==> flow/design.v <==
module u_add_core #(
  parameter WD = 8
) (
  input ck,
  input [WD-1:0] x_in,
  input [WD-1:0] y_in,
  input [WD-1:0] z_in,
  output [WD+1:0] result_out
);
  wire [WD-1:0] nxt = x_in ^ y_in ^ z_in;
  wire [WD-1:0] cc = (x_in & y_in) | (x_in & z_in) | (y_in & z_in);
  reg [WD+1:0] r_result;
  always @(posedge ck) begin
    r_result <= nxt + {cc, 1'b0};
  end
  assign result_out = r_result;
endmodule
# [Reports on u_add_core]
# A sweep over "WD": the same steps for each member of the family.
# The RTL above is that of WD = 8; lines are counted from 1 in the file of the member named.
# Library cell names are shortened.
# Not given: -
[inputs] top="u_add_core" clock_port="ck" lib="sky130hd" corner="tt_025C_1v80"

# [Members of the sweep]
# Lines of each other member's file that are new or changed against the file above; lines that a member lacks are not shown.
[src_changes] WD=20 line=2 text="parameter WD = 20"
[src_changes] WD=28 line=2 text="parameter WD = 28"
[src_changes] WD=40 line=2 text="parameter WD = 40"
[src_changes] WD=72 line=2 text="parameter WD = 72"

# [After elaboration]
# Yosys after proc, flatten, opt, wreduce and memory -nomap, before mapping. Enables and synchronous resets that opt folds into registers are not counted as muxes. Memory bits, and registers merged into a memory's read port (data or address), are not among the register bits. Print and check cells are not counted. Equal cells are merged and count once.
[op_classes] WD=8 multipliers=0 n_logic=7 n_addsub=1 n_mux=0 shifts=0 div=0 reduce_logical=0 compare=0 equal=0
[op_classes] WD=20 multipliers=0 n_logic=7 n_addsub=1 n_mux=0 shifts=0 div=0 reduce_logical=0 compare=0 equal=0
[op_classes] WD=28 multipliers=0 n_logic=7 n_addsub=1 n_mux=0 shifts=0 div=0 reduce_logical=0 compare=0 equal=0
[op_classes] WD=40 multipliers=0 n_logic=7 n_addsub=1 n_mux=0 shifts=0 div=0 reduce_logical=0 compare=0 equal=0
[op_classes] WD=72 multipliers=0 n_logic=7 n_addsub=1 n_mux=0 shifts=0 div=0 reduce_logical=0 compare=0 equal=0
[op_table] WD=8 operators="8-bit bitwise AND: 3; 8-bit OR: 2; 8-bit bitwise XOR: 2; 8-bit by 9-bit adder with 10-bit output: 1"
[op_table] WD=20 operators="20-bit bitwise AND: 3; 20-bit OR: 2; 20-bit bitwise XOR: 2; 20-bit by 21-bit adder with 22-bit output: 1"
[op_table] WD=28 operators="28-bit bitwise AND: 3; 28-bit OR: 2; 28-bit bitwise XOR: 2; 28-bit by 29-bit adder with 30-bit output: 1"
[op_table] WD=40 operators="40-bit bitwise AND: 3; 40-bit OR: 2; 40-bit bitwise XOR: 2; 40-bit by 41-bit adder with 42-bit output: 1"
[op_table] WD=72 operators="72-bit bitwise AND: 3; 72-bit OR: 2; 72-bit bitwise XOR: 2; 72-bit by 73-bit adder with 74-bit output: 1"
[word_totals] WD=8 mem_bits_ro=0 ramBits=0 latch_bits=0 wordCells=9 in_bits=25 regBits=10 clocked_rd_ports_x_width=0 mem_count=0
[word_totals] WD=20 mem_bits_ro=0 ramBits=0 latch_bits=0 wordCells=9 in_bits=61 regBits=22 clocked_rd_ports_x_width=0 mem_count=0
[word_totals] WD=28 mem_bits_ro=0 ramBits=0 latch_bits=0 wordCells=9 in_bits=85 regBits=30 clocked_rd_ports_x_width=0 mem_count=0
[word_totals] WD=40 mem_bits_ro=0 ramBits=0 latch_bits=0 wordCells=9 in_bits=121 regBits=42 clocked_rd_ports_x_width=0 mem_count=0
[word_totals] WD=72 mem_bits_ro=0 ramBits=0 latch_bits=0 wordCells=9 in_bits=217 regBits=74 clocked_rd_ports_x_width=0 mem_count=0

# [Logic depth]
# Depth = most cells in a row (Yosys ltp): at word level without a register or memory, in the mapped netlist without a sequential cell, where the memories' decode and read muxes count.
[depth] WD=8 ltp_word=4 abc_area=0 depth_mapped=9
[depth] WD=20 ltp_word=4 abc_area=0 depth_mapped=11
[depth] WD=28 ltp_word=4 abc_area=0 depth_mapped=12
[depth] WD=40 ltp_word=4 abc_area=0 depth_mapped=13
[depth] WD=72 ltp_word=4 abc_area=0 depth_mapped=15

# [Mapped cells and area]
# The flow's flattened synthesis, as Yosys stat reports it; memories are mapped. The netlist is that of the ABC_AREA named above (0 if unset); the other value can give another one.
# Totals and module areas in this step are rounded.
[by_type] WD=8 cell_types="dfxtp_1: 10; fa_1: 9; ha_1: 7; inv_1: 11; a2111oi_4: 1; xnor2_1: 3; a21oi_1: 4; a21o_2: 2; xor2_1: 2; mux2_4: 1; o21bai_1: 2; a211oi_2: 1; nor2_1: 3; nor3_1: 2; and2b_2: 1; a211oi_1: 1; a21o_1: 1; or2b_1: 1; [+3]"
[by_type] WD=20 cell_types="dfxtp_1: 22; fa_1: 21; ha_1: 19; xnor2_1: 9; xor2_1: 6; nor2_1: 13; a21oi_1: 9; nand2_1: 11; o21ai_0: 8; a21o_1: 4; o41ai_4: 1; inv_1: 7; a211oi_2: 2; nand3_1: 5; a2111o_1: 2; a211oi_1: 3; and4_4: 2; and3_1: 3; [+32]"
[by_type] WD=28 cell_types="dfxtp_1: 30; fa_1: 29; ha_1: 27; a21oi_1: 29; xnor2_1: 15; o21ai_0: 20; nand2_1: 25; xor2_1: 9; nor2_1: 19; inv_1: 12; a21o_1: 5; and3_1: 5; nand4_1: 5; a221oi_4: 1; clkbuf_1: 6; o21bai_1: 3; a211o_1: 2; a21oi_2: 2; [+31]"
[by_type] WD=40 cell_types="dfxtp_1: 42; fa_1: 41; ha_1: 39; a21o_1: 27; xnor2_1: 23; a21oi_1: 37; xor2_1: 11; o21ai_0: 18; nand2_1: 22; inv_1: 21; nor2_1: 19; a211oi_1: 7; a31oi_1: 8; and3_1: 7; nand4_1: 5; nand3_1: 6; o31ai_1: 4; o211ai_1: 3; [+46]"
[by_type] WD=72 cell_types="dfxtp_1: 74; fa_1: 73; ha_1: 71; a21oi_1: 99; xnor2_1: 44; a21o_1: 45; nand2_1: 70; xor2_1: 26; o21ai_0: 40; nor2_1: 43; o21bai_1: 16; nand4_1: 19; inv_1: 30; nand3_1: 15; nor2b_1: 12; clkbuf_1: 17; buf_2: 11; a221oi_4: 2; [+93]"
# A list marked [+n] leaves out that many cells.
[mapped] WD=8 ff_cells=10 buffers=0 area_mm2=0.0007269 seqArea_mm2=0.0002002 stdcells=65
[mapped] WD=20 ff_cells=22 buffers=3 area_mm2=0.001877 seqArea_mm2=0.0004404 stdcells=179
[mapped] WD=28 ff_cells=30 buffers=6 area_mm2=0.002628 seqArea_mm2=0.0006006 stdcells=275
[mapped] WD=40 ff_cells=42 buffers=5 area_mm2=0.003817 seqArea_mm2=0.0008408 stdcells=386
[mapped] WD=72 ff_cells=74 buffers=30 area_mm2=0.007302 seqArea_mm2=0.001481 stdcells=800

# [Path before layout]
# OpenSTA on the mapped netlist: ideal clock, no wires. The path of least setup slack (recovery checks aside). Input and output delay are each 20% of the period. Register names are those of the netlist, which keeps one name where synthesis merged equal registers.
[synth_timing] WD=8 path_type="input-to-reg" from="input x_in[2]" to="register r_result[8]" setup_slack_ns=0.449 delay_ns=1.799 clock_period_ns=2.81 path_stages=6 synth_period_reached_ns=2.361
[synth_timing] WD=20 path_type="input-to-reg" from="input x_in[1]" to="register r_result[15]" setup_slack_ns=0.570 delay_ns=2.293 clock_period_ns=3.58 path_stages=9 synth_period_reached_ns=3.01
[synth_timing] WD=28 path_type="input-to-reg" from="input x_in[1]" to="register r_result[29]" setup_slack_ns=0.617 delay_ns=2.480 clock_period_ns=3.87 path_stages=10 synth_period_reached_ns=3.253
[synth_timing] WD=40 path_type="input-to-reg" from="input x_in[1]" to="register r_result[23]" setup_slack_ns=0.727 delay_ns=2.913 clock_period_ns=4.55 path_stages=11 synth_period_reached_ns=3.823
[synth_timing] WD=72 path_type="input-to-reg" from="input x_in[1]" to="register r_result[67]" setup_slack_ns=0.789 delay_ns=3.163 clock_period_ns=4.94 path_stages=13 synth_period_reached_ns=4.151
# "delay_ns" = arrival - input delay + setup time.
# "path_stages": output pins that drive a net of the path, with the launching flip-flop's if there is one; two outputs of one cell count as two.
# "synth_period_reached_ns" = period - worst setup slack (recovery checks aside). The figure is calculated, with input and output delays left at 20% of the set period.
# The rows between start and end are the longest chain of elaborated cells between them; the timing report does not say that the signal goes this way. Where chains are equally long, one stands for them.
# Each line given opens the expression or statement behind the cell; cells for indexed reads and writes are added by Yosys, which also makes memories of some case tables.
[synth_between_WD_8] elab_chain_len=4
[synth_rtl_WD_8] element="start: declaration" line=5 text="input [WD-1:0] x_in,"
[synth_rtl_WD_8] element="8-bit bitwise AND" line=11 text="wire [WD-1:0] cc = (x_in & y_in) | (x_in & z_in) | (y_in & z_in);"
[synth_rtl_WD_8] element="8-bit OR (2 in a row)" line=11
[synth_rtl_WD_8] element="8-bit by 9-bit adder with 10-bit output" line=14 text="r_result <= nxt + {cc, 1'b0};"
[synth_rtl_WD_8] element="end: assignment" line=14
[synth_rtl_WD_8] element="end: declaration" line=12 text="reg [WD+1:0] r_result;"
[synth_between_WD_72] elab_chain_len=4
[synth_rtl_WD_72] element="start: declaration" line=5 text="input [WD-1:0] x_in,"
[synth_rtl_WD_72] element="72-bit bitwise AND" line=11 text="wire [WD-1:0] cc = (x_in & y_in) | (x_in & z_in) | (y_in & z_in);"
[synth_rtl_WD_72] element="72-bit OR (2 in a row)" line=11
[synth_rtl_WD_72] element="72-bit by 73-bit adder with 74-bit output" line=14 text="r_result <= nxt + {cc, 1'b0};"
[synth_rtl_WD_72] element="end: assignment" line=14
[synth_rtl_WD_72] element="end: declaration" line=12 text="reg [WD+1:0] r_result;"

# [Path in the finished layout]
# Path of least setup slack in the final report of each member's run (OpenROAD, finished layout, wires in). Where an end is a register, its clock arrival counts in the times.
[layout_timing] WD=8 path_type="input-to-reg" from="input x_in[2]" to="register r_result[8]" clock_period_ns=2.81 arrival_time_ns=2.74 setup_slack_ns=0.23 n_path_buf=1 path_stages=7
[layout_timing] WD=20 path_type="input-to-reg" from="input x_in[1]" to="register r_result[15]" clock_period_ns=3.58 arrival_time_ns=3.49 setup_slack_ns=0.30 n_path_buf=1 path_stages=10
[layout_timing] WD=28 path_type="input-to-reg" from="input x_in[1]" to="register r_result[29]" clock_period_ns=3.87 arrival_time_ns=3.75 setup_slack_ns=0.27 n_path_buf=1 path_stages=11
[layout_timing] WD=40 path_type="input-to-reg" from="input x_in[1]" to="register r_result[41]" clock_period_ns=4.55 arrival_time_ns=4.42 setup_slack_ns=0.31 n_path_buf=1 path_stages=12
[layout_timing] WD=72 path_type="input-to-reg" from="input x_in[1]" to="register r_result[37]" clock_period_ns=4.94 arrival_time_ns=4.85 setup_slack_ns=0.36 n_path_buf=1 path_stages=14

# [Measured runs]
# Settings and results of one run of the flow (Yosys, OpenROAD) for each member follow. The constraints put input and output delay at 20% of the set period each and load the outputs with 0.01 pF.
[settings] CAP_MARGIN=20 CORE_MARGIN=2 CORE_UTILIZATION=40 SLEW_MARGIN=20
[settings_diff] WD=8 period_ns=2.81
[settings_diff] WD=20 period_ns=3.58
[settings_diff] WD=28 period_ns=3.87
[settings_diff] WD=40 period_ns=4.55
[settings_diff] WD=72 period_ns=4.94
[measured] WD=8 finish.utilization_pct=69.2 die_footprint_mm2=0.002174 synth_area_mm2=0.0007269 tns_setup_ns=0.000 timing.setup.ws_ns=0.234 final_hold_ws_ns=1.009 achievedPeriod_ns=2.576 cell_area_final_mm2=0.001195 power_total_uw=702.8
[measured] WD=20 finish.utilization_pct=63.5 die_footprint_mm2=0.005256 synth_area_mm2=0.001877 tns_setup_ns=0.000 timing.setup.ws_ns=0.297 final_hold_ws_ns=1.141 achievedPeriod_ns=3.283 cell_area_final_mm2=0.00282 power_total_uw=1444
[measured] WD=28 finish.utilization_pct=62.5 die_footprint_mm2=0.007234 synth_area_mm2=0.002628 tns_setup_ns=0.000 timing.setup.ws_ns=0.272 final_hold_ws_ns=1.201 achievedPeriod_ns=3.598 cell_area_final_mm2=0.003968 power_total_uw=1887
[measured] WD=40 finish.utilization_pct=61.6 die_footprint_mm2=0.01034 synth_area_mm2=0.003817 tns_setup_ns=0.000 timing.setup.ws_ns=0.309 final_hold_ws_ns=1.294 achievedPeriod_ns=4.241 cell_area_final_mm2=0.005689 power_total_uw=2213
[measured] WD=72 finish.utilization_pct=60.1 die_footprint_mm2=0.01935 synth_area_mm2=0.007302 tns_setup_ns=0.000 timing.setup.ws_ns=0.361 final_hold_ws_ns=1.345 achievedPeriod_ns=4.579 cell_area_final_mm2=0.0108 power_total_uw=4255
# "achievedPeriod_ns" is the run's clock period less its worst setup slack. It is reckoned from that one timing run; input and output delays stay at 20% of the period that was set.
# By "power_total_uw" is meant OpenSTA's value without simulated activity: inputs other than the clock are taken to toggle once in ten clock periods, and the tool carries that through the logic.
# Results are given in rounded form.
